==> flow/design.v <==
module mul_core_rtl #(
   parameter WIDTH = 32
) (
   input  wire clk,
   input  wire rst_i,
   input  wire [WIDTH-1:0] A,
   output reg [2*WIDTH-1:0] p
);
   reg [WIDTH-1:0] A_q;
   always @(posedge clk) begin
      if (rst_i) begin
         A_q <= 0;
         p <= 0;
      end else begin
         A_q <= A;
         p <= A_q * A_q;
      end
   end
endmodule
# Tool chain data of mul_core_rtl
# Tool output for the design above, in the order of the flow.
# Lines are those of the file above, counted from 1.
# Operators carry their Yosys type and port widths (W data, S select, Z words).
# Library cell names are shortened.
inputs:
  design: "mul_core_rtl"
  clock_port: "clk"
  library: "sky130hd"
  corner: "tt_025C_1v80"

# After elaboration
# Yosys after proc, flatten, opt, wreduce and memory -nomap, before mapping. Enables and synchronous resets that opt folds into registers are not counted as muxes. Memory bits, and registers merged into a memory's read port (data or address), are not among the register bits. Print and check cells are not counted. Equal cells are merged and count once.
op_classes:
  mul: 1
ops:
  columns: ["cell", "count"]
  rows:
  - ["$mul A32 B32 Y64", 1]
word_totals:
  ff_bits: 96
  out_inout_bits: 64
  elab_cells: 3

# Logic depth
# Longest topological path by Yosys (ltp), each cell counted once; first at word level (registers and memories cut), then after technology mapping (sequential cells cut; the memories' decode and read muxes count).
depth:
  ltp_word: 1
  abc_area: 0
  depth_mapped: 29
  depth_no_buf: 26

# Netlist
# Yosys stat after the flow's synthesis: flattened, memories mapped to cells. It holds for the ABC_AREA given above (unset counts as 0); a run with the other value may have another netlist.
# Totals and module areas in this step are rounded.
mapped:
  cells: 3454
  synth_area_um2: 32100
  ffs: 95
  buffers: 148
by_type:
  columns: ["type", "count", "area_total_um2"]
  rows:
  - ["fa_1", 792, 1.59E+04]
  - ["ha_1", 299, 3.74E+03]
  - ["inv_1", 978, 3.67E+03]
  - ["dfxtp_1", 95, 1.9E+03]
  - ["and2_1", 245, 1532.72]
  - ["nand2_1", 297, 1.11E+03]
  - ["clkbuf_1", 140, 525.504]
  - ["xnor2_1", 51, 446.678]
  - ["a21oi_1", 85, 425.408]
  - ["nor2_1", 113, 424.157]
  - ["xor2_1", 46, 402.886]
  - ["nor2b_1", 46, 287.776]
  - ["a21o_1", 31, 232.723]
  - ["o21ai_0", 42, 210.202]
  - ["nand4_1", 23, 143.888]
  - ["o21bai_1", 18, 135.13]
  - ["a31o_2", 13, 113.859]
  - ["nand3_1", 17, 85.082]
# Not listed: further types 39, cells in them 123.

# Path before layout
# OpenSTA on the mapped netlist: ideal clock, no wires. The path of least setup slack (recovery checks aside). Input and output delay are each 20% of the period. Register names are those of the netlist, which keeps one name where synthesis merged equal registers.
synth_path:
  path_type: "reg2reg"
  from: "reg A_q[27]"
  to: "reg p[56]"
  clock_period_ns: 9.33
  t_arrival_ns: 7.345
  t_required_ns: 9.209
  slack_ns: 1.865
  path_delay_ns: 7.466
  path_stages: 28
  n_path_buf: 3
  period_less_setup_slack_ns: 7.465
# "path_delay_ns" is the arrival time less input delay plus setup time.
# "path_stages": output pins that drive a net of the path, with the launching flip-flop's if there is one; two outputs of one cell count as two.
# "period_less_setup_slack_ns" is the clock period less the worst setup slack; recovery checks do not enter. This is arithmetic on one report: input and output delays are still those of the set period (20% each).
# The rows between start and end are the longest chain of elaborated cells between them; the timing report does not say that the signal goes this way. Where chains are equally long, one stands for them.
# Each line given opens the expression or statement behind the cell; cells for indexed reads and writes are added by Yosys, which also makes memories of some case tables.
synth_via:
  path_cell_list: "dfxtp_1 -> clkbuf_1 -> clkbuf_1 -> nand2_1 -> fa_1 -> inv_1 -> fa_1 -> fa_1 -> inv_1 -> fa_1 -> inv_1 -> fa_1 -> fa_1 -> fa_1 -> inv_1 -> fa_1 -> inv_1 -> ha_1 -> clkbuf_1 -> and4_1 -> and2_1 -> a22oi_1 -> o211ai_1 -> a21oi_1 -> o21ai_1 -> a21o_1 -> a311oi_1 -> mux2_2"
  elab_chain_len: 1
synth_lines:
  columns: ["item", "line", "source"]
  rows:
  - ["start: declaration", 9, "reg [WIDTH-1:0] A_q;"]
  - ["start: assignment", 12, "A_q <= 0;"]
  - ["start: assignment", 15, "A_q <= A;"]
  - ["$mul A32 B32 Y64", 16, "p <= A_q * A_q;"]
  - ["end: assignment", 13, "p <= 0;"]
  - ["end: assignment", 16, null]
  - ["end: declaration", 7, "output reg [2*WIDTH-1:0] p"]

# Worst path after layout
# Path of least setup slack in the final report of job 2 (OpenROAD, finished layout, wires in). Where an end is a register, its clock arrival counts in the times.
layout_path:
  path_type: "reg2reg"
  from: "reg A_q[20]"
  to: "reg p[56]"
  clock_period_ns: 8.13
  t_arrival_ns: 7.73
  t_required_ns: 8.41
  slack_ns: 0.68
  path_stages: 24
  n_path_buf: 2
# The rows between start and end are the longest chain of elaborated cells between them; the timing report does not say that the signal goes this way. Where chains are equally long, one stands for them.
layout_via:
  path_cell_list: "dfxtp_4 -> buf_4 -> and2_1 -> fa_1 -> fa_1 -> fa_1 -> inv_1 -> fa_1 -> inv_1 -> fa_1 -> fa_1 -> fa_1 -> fa_1 -> ha_1 -> buf_4 -> and2_1 -> nand3_1 -> nand2b_1 -> nor4_1 -> a21oi_2 -> o21ai_1 -> a21o_1 -> a311oi_2 -> mux2_4"
  elab_chain_len: 1
layout_lines:
  columns: ["item", "line", "source"]
  rows:
  - ["start: declaration", 9, "reg [WIDTH-1:0] A_q;"]
  - ["start: assignment", 12, "A_q <= 0;"]
  - ["start: assignment", 15, "A_q <= A;"]
  - ["$mul A32 B32 Y64", 16, "p <= A_q * A_q;"]
  - ["end: assignment", 13, "p <= 0;"]
  - ["end: assignment", 16, null]
  - ["end: declaration", 7, "output reg [2*WIDTH-1:0] p"]

# 3 stored runs of mul_core_rtl in the flow (synthesis by Yosys, layout by OpenROAD, sky130hd cells), in arbitrary order. Constraints: input delay and output delay 20% of the set period each, output load 0.01 pF.
# "achievedPeriod_ns" means the clock period less the worst setup slack. The figure is calculated, with input and output delays left at 20% of the set period.
# "worst_path_ns" is the time allowed to the run's worst setup path (the clock period less input and output delay, where it has them) less its slack. Clock arrival times count: a late capture clock shortens it, a late launch clock lengthens it.
# "design_power_uw": no workload was simulated; the value follows from the tool's default switching activity.
# The results are shown rounded.
runs:
  - name: "job 1"
    settings:
      period_ns: 14.1
      CORE_UTILIZATION: 42
      CELL_PAD_IN_SITES_DETAIL_PLACEMENT: 2
      ABC_AREA: 1
      GPL_ROUTABILITY_DRIVEN: 0
      CAP_MARGIN: 20
      CORE_MARGIN: 2
      SLEW_MARGIN: 20
    outcome: "unfinished; error GRT-0116 in routing"
  - name: "job 2"
    settings:
      period_ns: 8.13
      CORE_UTILIZATION: 68
      SETUP_SLACK_MARGIN: 0.62
      CORE_ASPECT_RATIO: 0.84
      ABC_AREA: 0
      CTS_CLUSTER_SIZE: 46
      CTS_CLUSTER_DIAMETER: 235
      CAP_MARGIN: 15
      SLEW_MARGIN: 5
      CORE_MARGIN: 2
    results:
      yosys_chip_area_um2: 32100
      total_die_area_um2: 49000
      stdcell_area_um2: 36100
      finalUtil_frac: 0.78
      timing.setup.ws_ns: 0.684
      setup_tns_ns: 0.000
      ws_hold_ns: 0.790
      design_power_uw: 11100
      achievedPeriod_ns: 7.446
      worst_path_ns: 7.45
      critical_path_type: "reg2reg"
  - name: "job 3"
    settings:
      period_ns: 9.33
      CAP_MARGIN: 20
      CORE_MARGIN: 2
      CORE_UTILIZATION: 40
      SLEW_MARGIN: 20
    results:
      yosys_chip_area_um2: 32100
      total_die_area_um2: 82600
      stdcell_area_um2: 34600
      finalUtil_frac: 0.436
      timing.setup.ws_ns: 0.855
      setup_tns_ns: 0.000
      ws_hold_ns: 0.939
      design_power_uw: 7830
      achievedPeriod_ns: 8.475
      worst_path_ns: 8.48
      critical_path_type: "reg2reg"
